==> flow/design.v <==
module ram_block_rtl #(
   parameter int NREGS = 12,
   parameter int WD = 24,
   parameter int RP = 8,
   parameter int ADDR_W = $clog2(NREGS)
) (
   input logic clk_i,
   input logic wen,
   input logic [ADDR_W-1:0] wsel,
   input logic [WD-1:0] write_data,
   input logic [RP*ADDR_W-1:0] rsel,
   output logic [RP*WD-1:0] rd
);
   logic [NREGS*WD-1:0] ram;
   generate
      for (genvar g = 0; g < NREGS; g++) begin : each
         always_ff @(posedge clk_i)
            if (wen && wsel == g) ram[g*WD +: WD] <= write_data;
      end
   endgenerate
   logic [RP*WD-1:0] work;
   always_comb begin
      work = '0;
      for (int j = 0; j < RP; j++) begin
         for (int n = 0; n < NREGS; n++)
            work[j*WD +: WD] = work[j*WD +: WD] | (ram[n*WD +: WD] & {WD{rsel[j*ADDR_W +: ADDR_W] == n}});
      end
   end
   assign rd = work;
endmodule
### Step by step through the tools: ram_block_rtl

Tool output for the design above, in the order of the flow.
Lines are those of the file above, counted from 1.
Operators carry their Yosys type and port widths (W data, S select, Z words).
Not given: --

| inputs | value |
|---|---|
| top module | ram_block_rtl |
| clock port | clk_i |
| cell library | sky130hd |
| library corner | tt_025C_1v80 |

### Elaborated design

Counts by Yosys on the flattened word-level netlist (proc, flatten, opt, wreduce; memories kept). Register bits leave out memories and registers merged into their read ports (data or address); mux counts leave out enables and synchronous resets folded into registers. Print and check cells are left out. Cells with the same type and inputs are merged into one.

| bit counts | value |
|---|---|
| flip-flop bits (word level) | 288 |
| bits in latches | 0 |
| RAM bits | 0 |
| ROM bits | 0 |
| clocked read ports x word width | 0 |
| memories | 0 |
| bits of input ports | 62 |
| output and inout bits | 192 |
| cells after elaboration | 316 |

| cells by class | value |
|---|---|
| add/subtract/negate cells | 0 |
| multiply operators | 0 |
| divide/modulo/power cells | 0 |
| order comparisons | 0 |
| equality and inequality tests | 99 |
| shift-type cells | 0 |
| multiplexer cells | 0 |
| bitwise gates (word level) | 184 |
| reduce/logical cells | 21 |

Operators with widths:

| kind | count |
|---|---|
| $and A24 B24 Y24 | 96 |
| $or A24 B24 Y24 | 88 |
| $eq A4 B3 Y1 const B | 36 |
| $eq A4 B4 Y1 const B | 36 |
| $eq A4 B2 Y1 const B | 18 |
| $eq A4 B1 Y1 const B | 9 |
| $logic_not A4 Y1 | 9 |
| $logic_and A1 B1 Y1 | 12 |

### Logic depth

Longest topological path by Yosys (ltp), each cell counted once; first at word level (registers and memories cut), then after technology mapping (sequential cells cut; the memories' decode and read muxes count).

| logic depth | value |
|---|---|
| depth in word-level cells | 13 |
| ABC_AREA | 0 |
| gate-level depth with buffers | 8 |

### Mapped cells and area

The flow's flattened synthesis, as Yosys stat reports it; memories are mapped. The netlist is that of the ABC_AREA named above (0 if unset); the other value can give another one.

Cells by type:

| cell type | count |
|---|---|
| sky130_fd_sc_hd__edfxtp_1 | 288 |
| sky130_fd_sc_hd__a22oi_1 | 359 |
| sky130_fd_sc_hd__mux2_2 | 128 |
| sky130_fd_sc_hd__mux2i_1 | 142 |
| sky130_fd_sc_hd__a22o_1 | 134 |
| sky130_fd_sc_hd__a32oi_1 | 105 |
| sky130_fd_sc_hd__clkbuf_1 | 230 |
| sky130_fd_sc_hd__buf_2 | 172 |
| sky130_fd_sc_hd__a221oi_1 | 83 |
| sky130_fd_sc_hd__mux4_2 | 32 |
| sky130_fd_sc_hd__o22ai_1 | 84 |
| sky130_fd_sc_hd__nand2_1 | 139 |
| sky130_fd_sc_hd__nor2b_1 | 81 |
| sky130_fd_sc_hd__a21oi_1 | 90 |
| sky130_fd_sc_hd__nor2_1 | 120 |
| sky130_fd_sc_hd__a32o_1 | 43 |
| sky130_fd_sc_hd__nand3_1 | 79 |
| sky130_fd_sc_hd__o21ai_0 | 77 |

Not listed: further types 63, cells in them 832.

| mapped netlist | value |
|---|---|
| cells in the netlist | 3218 |
| cell area after synthesis | 0.0291855 sq mm |
| sequential part of the area | 0.0086483 sq mm |
| flip-flop cells | 288 |
| buffer cells | 499 |

### Worst setup path after synthesis

Path of least setup slack by OpenSTA after synthesis, without wires, with an ideal clock, recovery checks aside; 20% of the period is set as input and as output delay. Where synthesis merged equal registers, the netlist keeps one of their names.

| timing after synthesis | value |
|---|---|
| path kind | input to register |
| start | input wsel[2] |
| end | register ram[0] |
| clock period | 4.09 ns |
| input delay | 0.818 ns |
| launch time at the first pin | 0.818 ns |
| arrival time | 3.002 ns |
| slack | 0.653 ns |
| path delay | 2.619 ns |
| stages | 2 |
| path buffers | 0 |
| period reached after synthesis | 3.437 ns |

"path delay" is the arrival time less input delay plus setup time.
"stages" counts driving pins, that of a launching flip-flop among them; a cell with two outputs on the path counts twice.
"period reached after synthesis" = period - worst setup slack (recovery checks aside). The figure is calculated, with input and output delays left at 20% of the set period.
The rows between start and end are the longest chain of elaborated cells between them; the timing report does not say that the signal goes this way. Where chains are equally long, one stands for them.
Each line given opens the expression or statement behind the cell; cells for indexed reads and writes are added by Yosys, which also makes memories of some case tables.

| on the way, after synthesis | value |
|---|---|
| cells stage by stage | sky130_fd_sc_hd__or3b_2 > sky130_fd_sc_hd__nor3_1 |
| cells in the longest elaborated chain | 2 |

RTL lines, path after synthesis:

| element | line | RTL |
|---|---|---|
| from (decl) | 9 | `input logic [ADDR_W-1:0] wsel,` |
| $logic_not A4 Y1 | 18 | `if (wen && wsel == g) ram[g*WD +: WD] <= write_data;` |
| $logic_and A1 B1 Y1 | 18 |  |
| to (assign) | 18 |  |
| to (decl) | 14 | `logic [NREGS*WD-1:0] ram;` |

### Timing after layout

From the final timing report of entry A: the path of least setup slack in the routed layout; clock arrival at registers is part of the times.

| timing post-layout | value |
|---|---|
| path kind | register to output |
| start | register ram[102] |
| end | output rd[30] |
| clock period | 2.7 ns |
| launch time at the first pin | 0.57 ns |
| arrival time | 2.80 ns |
| slack | -0.64 ns |
| stages | 6 |
| path buffers | 2 |

The rows between start and end are the longest chain of elaborated cells between them; the timing report does not say that the signal goes this way. Where chains are equally long, one stands for them.

| on the way, post-layout | value |
|---|---|
| cells stage by stage | sky130_fd_sc_hd__edfxtp_1 > sky130_fd_sc_hd__a22o_1 > sky130_fd_sc_hd__a222oi_1 > sky130_fd_sc_hd__buf_4 > sky130_fd_sc_hd__o221ai_4 > sky130_fd_sc_hd__buf_6 |
| cells in the longest elaborated chain | 9 |

RTL lines, path post-layout:

| element | line | RTL |
|---|---|---|
| from (decl) | 14 | `logic [NREGS*WD-1:0] ram;` |
| from (assign) | 18 | `if (wen && wsel == g) ram[g*WD +: WD] <= write_data;` |
| $and A24 B24 Y24 | 26 | `work[j*WD +: WD] = work[j*WD +: WD] \| (ram[n*WD +: WD] & {WD{rsel[j*ADDR_W +: ADDR_W] == n}});` |
| $or A24 B24 Y24 (8 in a row) | 26 |  |
| to (decl) | 12 | `output logic [RP*WD-1:0] rd` |

==> results <==
Record of 2 stored runs of the RTL-to-layout flow on ram_block_rtl, platform sky130hd. The runs are unordered. Constraints: input delay and output delay 20% of the set period each, output load 0.01 pF.
"clock period achieved" is the run's clock period less its worst setup slack. It is reckoned from that one timing run; input and output delays stay at 20% of the period that was set.

#### Entry A

| setting | value |
|---|---|
| period_ns | `2.7` |
| CORE_UTILIZATION | `24` |
| PLACE_DENSITY | `0.49` |
| TNS_END_PERCENT | `65` |
| CTS_CLUSTER_SIZE | `28` |
| CTS_CLUSTER_DIAMETER | `218` |
| MAX_ROUTING_LAYER | `met4` |
| CAP_MARGIN | `20` |
| CORE_MARGIN | `2` |
| SLEW_MARGIN | `20` |

| result | value |
|---|---|
| final design utilization | 45.0 % |
| chip area in the Yosys report | 0.0291855 sq mm |
| lowest setup slack | -0.637 ns |
| clock period achieved | 3.337 ns |
| post-route worst hold slack | 0.779 ns |
| overall die area | 0.124411 sq mm |
| total negative slack on setup checks | -22.939 ns |
| standard-cell area after layout | 0.0541845 sq mm |

#### Entry B

| setting | value |
|---|---|
| period_ns | `5.72` |
| CORE_UTILIZATION | `59` |
| PLACE_DENSITY_LB_ADDON | `0.11` |
| CORE_ASPECT_RATIO | `0.71` |
| CELL_PAD_IN_SITES_GLOBAL_PLACEMENT | `2` |
| ABC_AREA | `0` |
| GPL_ROUTABILITY_DRIVEN | `1` |
| CTS_CLUSTER_DIAMETER | `29` |
| CAP_MARGIN | `25` |
| SLEW_MARGIN | `30` |
| MIN_ROUTING_LAYER | `met2` |
| CORE_MARGIN | `2` |

No results, placement failed with FLW-0024.
